==> flow/design.v <==
module my_diff_unit_rtl #(
  parameter integer W = 40
) (
  input  logic CLK,
  input  logic clr,
  input  logic en,
  input  logic [W-1:0] arg0_i,
  input  logic [W-1:0] arg1_i,
  input  logic dir_i,
  output logic [W-1:0] delta_o
);
  logic [W-1:0] arg0_s;
  logic [W-1:0] arg1_s;
  logic dir_s;
  always_ff @(posedge CLK) begin
    if (clr) begin
      arg0_s <= 0;
      arg1_s <= 0;
      dir_s <= 1'b0;
    end else if (en) begin
      arg0_s <= arg0_i;
      arg1_s <= arg1_i;
      dir_s <= dir_i;
    end
  end
  logic [W-1:0] t;
  always_comb begin
    if (dir_s)
      t = arg0_s - arg1_s;
    else
      t = arg0_s + arg1_s;
  end
  always_ff @(posedge CLK) begin
    if (clr) begin
      delta_o <= 0;
    end else if (en) begin
      delta_o <= t;
    end
  end
endmodule
# From RTL to reports: my_diff_unit_rtl
# The steps from the RTL of my_diff_unit_rtl to its reports follow in flow order.
# Line numbers count from 1 in the design file above.
# Library cell names are shortened.
# Not given: --
[design]
design = "my_diff_unit_rtl"
clk_port = "CLK"
library = "sky130hd"
lib_corner = "tt_025C_1v80"

# Elaborated design
# Yosys after proc, flatten, opt, wreduce and memory -nomap, before mapping. Enables and synchronous resets that opt folds into registers are not counted as muxes. Memory bits, and registers merged into a memory's read port (data or address), are not among the register bits. Print and check cells are not counted. Equal cells are merged and count once.
[bits]
output_inout_bits = 40
reg_bits = 121
elab_cells = 7
[op_classes]
n_addsub = 2
muxes = 1
[op_table]
columns = ["op", "count"]
rows = [
  ["adder 40 bit", 1],
  ["subtractor 40 bit", 1],
  ["two-way mux 40 bit", 1],
]

# Longest topological paths
# Yosys ltp: most cells in a row. Word level: on the elaborated netlist, between registers, memories and ports. Mapped: between sequential cells and ports; inverters and the memories' decode and read muxes count.
[depth]
word_depth = 2
abc_area = 0
mapped_depth = 20

# Synthesis result
# Source: synth_stat.txt of the flow (Yosys; design flattened, memories mapped). It holds for the ABC_AREA given above (unset counts as 0); a run with the other value may have another netlist.
# The area totals of this step are shown rounded.
[synth_totals]
mapped_cells = 868
flip_flops = 121
sequential_area_um2 = 2422
mapped_area_um2 = 7336
[types]
columns = ["cell_type", "count", "area_total_um2"]
rows = [
  ["dfxtp_1", 121, 2.42E+03],
  ["mux2i_1", 99, 990.95],
  ["nor2_1", 155, 581.808],
  ["ha_1", 40, 500.48],
  ["xnor2_1", 50, 437.92],
  ["a21oi_1", 59, 295.283],
  ["a21o_1", 23, 172.666],
  ["nand2_1", 38, 142.637],
  ["nand2b_1", 22, 137.632],
  ["clkbuf_1", 35, 131.376],
  ["xor2_1", 13, 113.859],
  ["nor3_1", 19, 95.091],
  ["o21ai_0", 19, 95.091],
  ["a211oi_1", 9, 67.565],
  ["inv_1", 17, 63.811],
  ["nand3_1", 12, 60.058],
  ["o22ai_1", 8, 50.048],
  ["nand3b_1", 6, 45.043],
]
# Not listed: further types 41, cells in them 123.

# Timing after synthesis
# Source: OpenSTA report_checks on the synthesized netlist (no wires, ideal clock, input and output delay 20% of the period each), path of least setup slack; recovery checks are left aside. Register names are those of the netlist, which keeps one name where synthesis merged equal registers.
[synth_timing]
kind = "register to register"
startpoint = "register arg1_s[0]"
endpoint = "register delta_o[39]"
tclk_ps = 4800
n_path_buf = 1
arrival_ps = 3758
launch_ps = 0
path_delay_ps = 3837
setup_slack_ps = 963
t_required_ps = 4721
driving_pins = 21
period_less_setup_slack_ps = 3837
# "path_delay_ps" = arrival - input delay + setup time.
# "driving_pins": output pins that drive a net of the path, with the launching flip-flop's if there is one; two outputs of one cell count as two.
# "period_less_setup_slack_ps" = period - worst setup slack (recovery checks aside). The figure is calculated, with input and output delays left at 20% of the set period.
# The rows between start and end are the longest chain of elaborated cells between them; the timing report does not say that the signal goes this way. Where chains are equally long, one stands for them.
# A line is the first line of the expression or statement that the cell stems from. Yosys adds cells for indexed reads and writes and turns some case tables into memories.
[synth_via]
path_cell_list = "dfxtp_1 -> inv_1 -> ha_1 -> or4b_1 -> nor3_1 -> nand2_1 -> nor3_1 -> nand2_1 -> nor2_1 -> nor2_1 -> xnor2_1 -> ha_1 -> clkbuf_1 -> a21o_1 -> a211oi_1 -> o21ai_1 -> a221oi_1 -> nand3b_1 -> o2111ai_1 -> xnor2_1 -> a211oi_2"
elab_chain_cells = 2
cells_between = 3
lines_between = 3
[synth_lines]
columns = ["element", "line_no", "rtl"]
rows = [
  ["start: declaration", 13, "logic [W-1:0] arg1_s;"],
  ["start: assignment", 18, "arg1_s <= 0;"],
  ["start: assignment", 22, "arg1_s <= arg1_i;"],
  ["adder 40 bit", 31, "t = arg0_s + arg1_s;"],
  ["two-way mux 40 bit", 28, "if (dir_s)"],
  ["end: assignment", 35, "delta_o <= 0;"],
  ["end: assignment", 37, "delta_o <= t;"],
  ["end: declaration", 10, "output logic [W-1:0] delta_o"],
]

# Path in the finished layout
# Path of least setup slack in the final report of run 1 (OpenROAD, finished layout, wires in). Where an end is a register, its clock arrival counts in the times.
# The path's times are printed in steps of 10 ps; the period is the one set.
[layout_timing]
kind = "register to register"
startpoint = "register arg1_s[6]"
endpoint = "register delta_o[38]"
arrival_ps = 4290
setup_slack_ps = -450
driving_pins = 16
tclk_ps = 3530
t_required_ps = 3840
launch_ps = 420
n_path_buf = 2
# The rows between start and end are the longest chain of elaborated cells between them; the timing report does not say that the signal goes this way. Where chains are equally long, one stands for them.
[layout_via]
path_cell_list = "dfxtp_4 -> or4_4 -> buf_6 -> nor4_4 -> buf_4 -> and3_1 -> and4bb_1 -> nor2_1 -> xnor2_2 -> ha_4 -> a21o_1 -> a21o_1 -> a21oi_1 -> o21ai_0 -> or3_1 -> a41o_1"
elab_chain_cells = 2
cells_between = 3
lines_between = 3
[layout_lines]
columns = ["element", "line_no", "rtl"]
rows = [
  ["start: declaration", 13, "logic [W-1:0] arg1_s;"],
  ["start: assignment", 18, "arg1_s <= 0;"],
  ["start: assignment", 22, "arg1_s <= arg1_i;"],
  ["adder 40 bit", 31, "t = arg0_s + arg1_s;"],
  ["two-way mux 40 bit", 28, "if (dir_s)"],
  ["end: assignment", 35, "delta_o <= 0;"],
  ["end: assignment", 37, "delta_o <= t;"],
  ["end: declaration", 10, "output logic [W-1:0] delta_o"],
]

# Measured results for my_diff_unit_rtl: 3 stored runs of the Yosys and OpenROAD flow on sky130hd. The settings differ; the order carries no meaning. The constraints put input and output delay at 20% of the set period each and load the outputs with 0.01 pF.
# "period_reached_ps" is the run's clock period less its worst setup slack. It is reckoned from that one timing run; input and output delays stay at 20% of the period that was set.
# "worst_path_allowed_less_slack_ps" is the time allowed to the run's worst setup path (the clock period less input and output delay, where it has them) less its slack. Clock arrival times count: a late capture clock shortens it, a late launch clock lengthens it.
# "total_power_uw" is the tool's figure for a default switching activity; nothing was simulated.
# "worst_path_allowed_less_slack_ps" is given in steps of 10 ps.
# The measured numbers are rounded.

[[run]]
name = "run 1"
[run.settings]
period_ns = 3.53
CORE_UTILIZATION = 26
SETUP_SLACK_MARGIN = 0.72
PLACE_DENSITY_LB_ADDON = 0.24
CELL_PAD_IN_SITES_GLOBAL_PLACEMENT = 3
GPL_TIMING_DRIVEN = 0
GPL_ROUTABILITY_DRIVEN = 0
SLEW_MARGIN = 10
MAX_ROUTING_LAYER = "met5"
CAP_MARGIN = 20
CORE_MARGIN = 2
[run.results]
period_reached_ps = 3978
tns_setup_ps = -6156
post_route_util_pct = 41.8
die_area_um2 = 29570
final_hold_ws_ps = 482
worst_path_allowed_less_slack_ps = 3980
worstPathKind = "register to register"
yosys_chip_area_um2 = 7336
post_route_stdcell_area_um2 = 11610
final_setup_ws_ps = -448
total_power_uw = 5318

[[run]]
name = "run 2"
[run.settings]
period_ns = 4.8
CAP_MARGIN = 20
CORE_MARGIN = 2
CORE_UTILIZATION = 40
SLEW_MARGIN = 20
[run.results]
period_reached_ps = 4329
tns_setup_ps = 0
post_route_util_pct = 52.0
die_area_um2 = 19440
final_hold_ws_ps = 469
worst_path_allowed_less_slack_ps = 4330
worstPathKind = "register to register"
yosys_chip_area_um2 = 7336
post_route_stdcell_area_um2 = 9346
final_setup_ws_ps = 471
total_power_uw = 3400

[[run]]
name = "run 3"
[run.settings]
period_ns = 2.82
CORE_UTILIZATION = 21
PLACE_DENSITY = 0.45
CORE_ASPECT_RATIO = 0.7
CELL_PAD_IN_SITES_DETAIL_PLACEMENT = 0
TNS_END_PERCENT = 70
GPL_TIMING_DRIVEN = 1
CTS_CLUSTER_SIZE = 30
CAP_MARGIN = 20
CORE_MARGIN = 2
SLEW_MARGIN = 20
[run.results]
period_reached_ps = 3777
tns_setup_ps = -20710
post_route_util_pct = 34.8
die_area_um2 = 36470
final_hold_ws_ps = 472
worst_path_allowed_less_slack_ps = 3780
worstPathKind = "register to register"
yosys_chip_area_um2 = 7336
post_route_stdcell_area_um2 = 12000
final_setup_ws_ps = -957
total_power_uw = 6434
